==> flow/design.v <==
module core_selector_top (i_clk, reset, src_0_in, src_1_in, src_2_in, src_3_in, src_4_in, src_5_in, src_6_in, src_7_in, src_8_in, src_9_in, idx_in, result_out);
  parameter integer NBITS = 10;
  input i_clk;
  input reset;
  input [NBITS-1:0] src_0_in;
  input [NBITS-1:0] src_1_in;
  input [NBITS-1:0] src_2_in;
  input [NBITS-1:0] src_3_in;
  input [NBITS-1:0] src_4_in;
  input [NBITS-1:0] src_5_in;
  input [NBITS-1:0] src_6_in;
  input [NBITS-1:0] src_7_in;
  input [NBITS-1:0] src_8_in;
  input [NBITS-1:0] src_9_in;
  input [8:0] idx_in;
  output [NBITS-1:0] result_out;
  reg [NBITS-1:0] r_src_0;
  reg [NBITS-1:0] r_src_1;
  reg [NBITS-1:0] r_src_2;
  reg [NBITS-1:0] r_src_3;
  reg [NBITS-1:0] r_src_4;
  reg [NBITS-1:0] r_src_5;
  reg [NBITS-1:0] r_src_6;
  reg [NBITS-1:0] r_src_7;
  reg [NBITS-1:0] r_src_8;
  reg [NBITS-1:0] r_src_9;
  reg [8:0] r_idx;
  reg [NBITS-1:0] work;
  always @* begin
    casez (r_idx)
      9'b????????1: work = r_src_0;
      9'b???????10: work = r_src_1;
      9'b??????100: work = r_src_2;
      9'b?????1000: work = r_src_3;
      9'b????10000: work = r_src_4;
      9'b???100000: work = r_src_5;
      9'b??1000000: work = r_src_6;
      9'b?10000000: work = r_src_7;
      9'b100000000: work = r_src_8;
      default: work = r_src_9;
    endcase
  end
  assign result_out = work;
  always @(posedge i_clk or posedge reset) begin
    if (reset) begin
      r_src_0 <= 0;
      r_src_1 <= 0;
      r_src_2 <= 0;
      r_src_3 <= 0;
      r_src_4 <= 0;
      r_src_5 <= 0;
      r_src_6 <= 0;
      r_src_7 <= 0;
      r_src_8 <= 0;
      r_src_9 <= 0;
      r_idx <= 0;
    end else begin
      r_src_0 <= src_0_in;
      r_src_1 <= src_1_in;
      r_src_2 <= src_2_in;
      r_src_3 <= src_3_in;
      r_src_4 <= src_4_in;
      r_src_5 <= src_5_in;
      r_src_6 <= src_6_in;
      r_src_7 <= src_7_in;
      r_src_8 <= src_8_in;
      r_src_9 <= src_9_in;
      r_idx <= idx_in;
    end
  end
endmodule
* Reports on core_selector_top
Tool output for the design above, in the order of the flow. Line numbers count from 1 in the design file above. Library cell names are shortened. Not given: --
Set-up: top core_selector_top, clock port i_clk, standard-cell library sky130hd, timing corner tt_025C_1v80

* Word-level counts
Yosys after proc, flatten, opt, wreduce and memory -nomap, before mapping. Enables and synchronous resets that opt folds into registers are not counted as muxes. Memory bits, and registers merged into a memory's read port (data or address), are not among the register bits. Print and check cells are not counted. Equal cells are merged and count once.
Operators by class: equal/unequal tests 8, multiplexer cells 1
Operator list (number):
- parallel mux 10 bit (select 9 bit) | 1
- equality test 9 bit with constant B | 1
- equality test 8 bit with constant B | 1
- equality test 7 bit with constant B | 1
- equality test 6 bit with constant B | 1
- equality test 5 bit with constant B | 1
- equality test 4 bit with constant B | 1
- equality test 3 bit with constant B | 1
- equality test 2 bit with constant B | 1
Bit counts: flip-flop bits (word level) 109, input port bits 111, elaborated cells 20

* Depth
Yosys ltp: most cells in a row. Word level: on the elaborated netlist, between registers, memories and ports. Mapped: between sequential cells and ports; inverters and the memories' decode and read muxes count.
Logic depth: depth after elaboration 2, ABC_AREA 0, gate-level depth with buffers 5, mapped depth without buffers 4

* After synthesis
Source: synth_stat.txt of the flow (Yosys; design flattened, memories mapped). It holds for the ABC_AREA given above (unset counts as 0); a run with the other value may have another netlist.
Cell types:
- dfrtp_1 | number 109, area in all 2.73E+03 um2
- a32oi_1 | number 20, area in all 175.168 um2
- a21oi_1 | number 30, area in all 150.144 um2
- nand2_1 | number 30, area in all 112.608 um2
- a32o_1 | number 10, area in all 100.096 um2
- o21ai_0 | number 20, area in all 100.096 um2
- nand2b_1 | number 10, area in all 62.56 um2
- clkbuf_1 | number 12, area in all 45.043 um2
- inv_1 | number 11, area in all 41.29 um2
- nor4_4 | number 1, area in all 21.27 um2
- nor4b_2 | number 1, area in all 15.014 um2
- nor4_2 | number 1, area in all 12.512 um2
- or4_4 | number 1, area in all 11.261 um2
- nor3_2 | number 1, area in all 10.01 um2
- or3b_2 | number 1, area in all 8.758 um2
- nor2b_1 | number 1, area in all 6.256 um2
- nor4_1 | number 1, area in all 6.256 um2
- or3_1 | number 1, area in all 6.256 um2
Other cell types: 2; their cells: 2.
Synthesis totals: mapped cells 263, mapped area 3621.0 um2, flip-flops 109

* Worst setup path after synthesis
Source: OpenSTA report_checks on the synthesized netlist (no wires, ideal clock, input and output delay 20% of the period each), path of least setup slack; recovery checks are left aside. Register names are those of the netlist, which keeps one name where synthesis merged equal registers.
Path after synthesis: path kind reg2out, start register r_idx[1], end output result_out[0], clock period 2790 ps, external output delay 558 ps, time at the first pin 0 ps, data arrival time 1787 ps, slack 445 ps, path delay 1787 ps, stages 5, synthesis period reached 2345 ps
"path delay" = arrival - input delay + setup time. A path that ends at an output port has no setup time. "stages" counts driving pins, that of a launching flip-flop among them; a cell with two outputs on the path counts twice. "synthesis period reached" = period - worst setup slack (recovery checks aside). The figure is calculated, with input and output delays left at 20% of the set period. The rows between start and end are the longest chain of elaborated cells between them; the timing report does not say that the signal goes this way. Where chains are equally long, one stands for them. Each line given opens the expression or statement behind the cell; cells for indexed reads and writes are added by Yosys, which also makes memories of some case tables.
Between the ends, after synthesis: path through dfrtp_1 or4_4 nor4_4 a21oi_1 a32oi_1, cells in the longest elaborated chain 2, elaborated cells between the ends (all ways) 9, RTL lines with such cells 1, those cells by class 8 x eq/ne; 1 x mux
Ends and longest elaborated chain, after synthesis:
- from (decl) | RTL line 27 | reg [8:0] r_idx;
- from (assign) | RTL line 56 | r_idx <= 0;
- from (assign) | RTL line 68 | r_idx <= idx_in;
- equality test 9 bit | RTL line 30 | casez (r_idx)
- parallel mux 10 bit (select 9 bit) | RTL line 30
- to (decl) | RTL line 16 | output [NBITS-1:0] result_out;

* Path in the finished layout
Path of least setup slack in the final report of stored run 2 (OpenROAD, finished layout, wires in). Where an end is a register, its clock arrival counts in the times. The path's times are printed in steps of 10 ps; the period is the one set.
Path after layout: path kind reg2out, start register r_idx[1], end output result_out[1], clock period 4340 ps, external output delay 870 ps, time at the first pin 370 ps, data arrival time 3070 ps, slack 410 ps, stages 6
The rows between start and end are the longest chain of elaborated cells between them; the timing report does not say that the signal goes this way. Where chains are equally long, one stands for them.
Between the ends, after layout: path through dfrtp_1 or4_4 nor4_4 a21oi_1 a32oi_1 clkdlybuf4s50_1, cells in the longest elaborated chain 2, elaborated cells between the ends (all ways) 9, RTL lines with such cells 1, those cells by class 8 x eq/ne; 1 x mux
Ends and longest elaborated chain, after layout:
- from (decl) | RTL line 27 | reg [8:0] r_idx;
- from (assign) | RTL line 56 | r_idx <= 0;
- from (assign) | RTL line 68 | r_idx <= idx_in;
- equality test 9 bit | RTL line 30 | casez (r_idx)
- parallel mux 10 bit (select 9 bit) | RTL line 30
- to (decl) | RTL line 16 | output [NBITS-1:0] result_out;

==> results <==
Module core_selector_top, platform sky130hd: 3 stored runs of the flow (Yosys, OpenROAD) with differing settings, in no particular order. Input and output delays are each 20% of the period that was set; the output load is 0.01 pF.
"allowed time less slack (worst setup path)" is the time allowed to the run's worst setup path (the clock period less input and output delay, where it has them) less its slack. Clock arrival times count: a late capture clock shortens it, a late launch clock lengthens it.
"total power of the final layout": no workload was simulated; the value follows from the tool's default switching activity.
"allowed time less slack (worst setup path)" is given in steps of 10 ps.

* Stored run 1 | settings: period_ns 2.98; CORE_UTILIZATION 70; CELL_PAD_IN_SITES_DETAIL_PLACEMENT 2; TNS_END_PERCENT 50; ABC_AREA 1; GPL_ROUTABILITY_DRIVEN 0; CTS_CLUSTER_DIAMETER 202; CAP_MARGIN 20; CORE_MARGIN 2; SLEW_MARGIN 20 | no final report: placement broke off with a tool error
* Stored run 2 | settings: period_ns 4.34; CORE_UTILIZATION 34; SETUP_SLACK_MARGIN 0.09; PLACE_DENSITY 0.55; CELL_PAD_IN_SITES_DETAIL_PLACEMENT 1; GPL_TIMING_DRIVEN 0; CTS_CLUSTER_DIAMETER 72; MIN_ROUTING_LAYER met2; MAX_ROUTING_LAYER met4; CAP_MARGIN 20; CORE_MARGIN 2; SLEW_MARGIN 20 | results: post-layout utilization 51.2%; total power of the final layout 2065 uW; allowed time less slack (worst setup path) 3070 ps; critical path type reg2out; die area 11491.8 um2; Yosys chip area after synthesis 3621.0 um2; setup slack of the worst path 405 ps
* Stored run 3 | settings: period_ns 2.79; CAP_MARGIN 20; CORE_MARGIN 2; CORE_UTILIZATION 40; SLEW_MARGIN 20 | results: die area 9829.7 um2; total power of the final layout 2870 uW; post-layout utilization 60.1%; setup slack of the worst path 18 ps; allowed time less slack (worst setup path) 2210 ps; critical path type reg2out; Yosys chip area after synthesis 3621.0 um2
